==> flow/design.v <==
module ex_times_blk #(
  parameter DW = 16,
  parameter SCALE = 25,
  parameter RES_W = DW + $clog2(SCALE + 1)
) (
  input wire core_clk,
  input wire RSTN,
  input wire adv,
  input wire [DW-1:0] in_lhs,
  output reg [RES_W-1:0] out_prod
);
  reg [DW-1:0] lhs_d1;
  reg [RES_W-1:0] cur;
  integer t;
  always @(*) begin
    cur = 0;
    for (t = 0; t < RES_W - DW; t = t + 1)
      if ((SCALE >> t) & 1) cur = cur + (lhs_d1 << t);
  end
  always @(posedge core_clk) begin
    if (~RSTN) begin
      lhs_d1 <= 0;
      out_prod <= 0;
    end else if (adv) begin
      lhs_d1 <= in_lhs;
      out_prod <= cur;
    end
  end
endmodule
# From RTL to reports: ex_times_blk
# What the tools print for ex_times_blk, step after step.
# Lines are those of the file above, counted from 1.
# Cell names lack the library's common part.
# Not given: n/a
# design
top	ex_times_blk
clock	core_clk
lib	sky130hd
corner	tt_025C_1v80

# Elaborated design
# Source: Yosys, flattened and elaborated, memories not mapped. Widths are those after wreduce; folded enables and synchronous resets count as part of the registers. Registers that Yosys merges into a memory's read port (data or address) are not register bits. Print and check cells do not count. Equal cells are merged and count once.
# bits
input_bits	19
regBits	37
output_inout_bits	21
# op_classes
addsub	2
# op_table
operator	count
20-bit by 20-bit adder with 21-bit output	1
16-bit by 19-bit adder with 20-bit output	1

# Depth
# Yosys ltp: most cells in a row. Word level: on the elaborated netlist, between registers, memories and ports. Mapped: between sequential cells and ports; inverters and the memories' decode and read muxes count.
# logic_depth
ltp_word	2
abc_area	0
mapped_depth	11
mapped_depth_nobuf	11

# After synthesis
# Source: synth_stat.txt of the flow (Yosys; design flattened, memories mapped). It holds for the ABC_AREA given above (unset counts as 0); a run with the other value may have another netlist.
# The area totals of this step are shown rounded.
# types
cell_type	count	type_area_um2
dfxtp_1	37	740.71
mux2i_1	27	270.259
ha_1	21	262.752
fa_1	13	260.25
nor2b_1	29	181.424
a21o_1	7	52.55
a21oi_1	10	50.048
nand3_1	10	50.048
nand2_1	10	37.536
inv_1	9	33.782
nor2_1	9	33.782
clkbuf_1	8	30.029
o21ai_0	6	30.029
xnor2_1	3	26.275
xor2_1	3	26.275
nor3b_1	3	22.522
o21bai_1	3	22.522
a221o_1	2	20.019
# Other cell types: 27; their cells: 39.
# synth_totals
area_um2	2459
cells	249
seq_area_um2	740.7
ffs	37
buffers	10

# Worst setup path after synthesis
# OpenSTA on the mapped netlist: ideal clock, no wires. The path of least setup slack (recovery checks aside). Input and output delay are each 20% of the period. Register names are those of the netlist, which keeps one name where synthesis merged equal registers.
# synth_path
path_kind	reg-to-reg
from	reg lhs_d1[4]
to	reg out_prod[16]
path_slack_ns	0.689
setup_time_ns	0.122
path_delay_ns	2.741
period_ns	3.43
t_arrival_ns	2.619
path_buffers	0
required_ns	3.308
path_stages	12
synth_period_reached_ns	2.741
# "path_delay_ns" = arrival - input delay + setup time.
# "path_stages": output pins that drive a net of the path, with the launching flip-flop's if there is one; two outputs of one cell count as two.
# "synth_period_reached_ns" = period - worst setup slack (recovery checks aside). The figure is calculated, with input and output delays left at 20% of the set period.
# The rows between start and end are the longest chain of elaborated cells between them; the timing report does not say that the signal goes this way. Where chains are equally long, one stands for them.
# Each line given opens the expression or statement behind the cell; cells for indexed reads and writes are added by Yosys, which also makes memories of some case tables.
# synth_via
cell_sequence	dfxtp_1 -> inv_1 -> fa_1 -> inv_1 -> ha_1 -> fa_1 -> a21oi_1 -> o21a_1 -> nor2_1 -> a21oi_4 -> o21ai_1 -> a221o_1
elab_chain_cells	2
cone_cells	2
classes_between	add/sub: 2
# synth_rtl
item	line_no	source
start: declaration	12	reg [DW-1:0] lhs_d1;
start: assignment	22	lhs_d1 <= 0;
start: assignment	25	lhs_d1 <= in_lhs;
16-bit by 19-bit adder with 20-bit output	18	if ((SCALE >> t) & 1) cur = cur + (lhs_d1 << t);
20-bit by 20-bit adder with 21-bit output	18
end: assignment	23	out_prod <= 0;
end: assignment	26	out_prod <= cur;
end: declaration	10	output reg [RES_W-1:0] out_prod

# Worst path after layout
# Path of least setup slack in the final report of run 1 (OpenROAD, finished layout, wires in). Where an end is a register, its clock arrival counts in the times.
# layout_path
path_kind	reg-to-reg
from	reg lhs_d1[1]
to	reg out_prod[20]
path_slack_ns	-0.17
t_arrival_ns	2.76
setup_time_ns	0.12
period_ns	2.43
required_ns	2.60
path_stages	12
path_buffers	0
# The rows between start and end are the longest chain of elaborated cells between them; the timing report does not say that the signal goes this way. Where chains are equally long, one stands for them.
# layout_via
cell_sequence	dfxtp_2 -> inv_2 -> fa_1 -> inv_1 -> ha_2 -> fa_2 -> a21oi_4 -> o21a_1 -> nor2_2 -> a21oi_4 -> a21oi_2 -> o41a_1
elab_chain_cells	2
cone_cells	2
classes_between	add/sub: 2
# layout_rtl
item	line_no	source
start: declaration	12	reg [DW-1:0] lhs_d1;
start: assignment	22	lhs_d1 <= 0;
start: assignment	25	lhs_d1 <= in_lhs;
16-bit by 19-bit adder with 20-bit output	18	if ((SCALE >> t) & 1) cur = cur + (lhs_d1 << t);
20-bit by 20-bit adder with 21-bit output	18
end: assignment	23	out_prod <= 0;
end: assignment	26	out_prod <= cur;
end: declaration	10	output reg [RES_W-1:0] out_prod

# Top module ex_times_blk; platform sky130hd; tools Yosys and OpenROAD; 3 stored runs in no particular order. Input and output delays are each 20% of the period that was set; the output load is 0.01 pF.
# "achieved_clock_period_ns" means the clock period less the worst setup slack. The figure is calculated, with input and output delays left at 20% of the set period.
# "worst_path_ns": the worst setup path's part of the clock period (all of it between registers, 20% less for each end at a port) less its slack. A launch clock that arrives late makes it longer, a capture clock that arrives late makes it shorter.
# "power.total_uw" rests on the timing tool's default activity at the inputs, not on a simulated workload.
# The measured numbers are rounded.
# Among the settings, -- means not set for that run.
item,run 1,run 2,run 3
period_ns,2.43,3.43,2.85
CORE_UTILIZATION,22,40,60
SETUP_SLACK_MARGIN,0.18,--,--
PLACE_DENSITY,0.81,--,0.39
CORE_ASPECT_RATIO,0.71,--,1.36
CORE_MARGIN,8,2,2
CELL_PAD_IN_SITES_GLOBAL_PLACEMENT,1,--,--
GPL_ROUTABILITY_DRIVEN,1,--,--
CAP_MARGIN,20,20,20
MAX_ROUTING_LAYER,met5,--,met4
SLEW_MARGIN,20,20,20
HOLD_SLACK_MARGIN,--,--,0.05
ABC_AREA,--,--,1
MIN_ROUTING_LAYER,--,--,met1
yosys.chip_area_um2,2459,2459,2613
finalCellArea_um2,3729,3037,3124
setup_worst_slack_ns,-0.169,0.503,0.315
achieved_clock_period_ns,2.599,2.927,2.535
worst_path_ns,2.60,2.93,2.53
worst_setup_path_type,reg-to-reg,reg-to-reg,reg-to-reg
worst_hold_slack_ns,0.465,0.490,0.508
post_route_util_pct,34.2,51.3,73.1
power.total_uw,2198,1208,1526
total_die_area_um2,14860,6790,4904
final_setup_tns_ns,-0.706,0.000,0.000
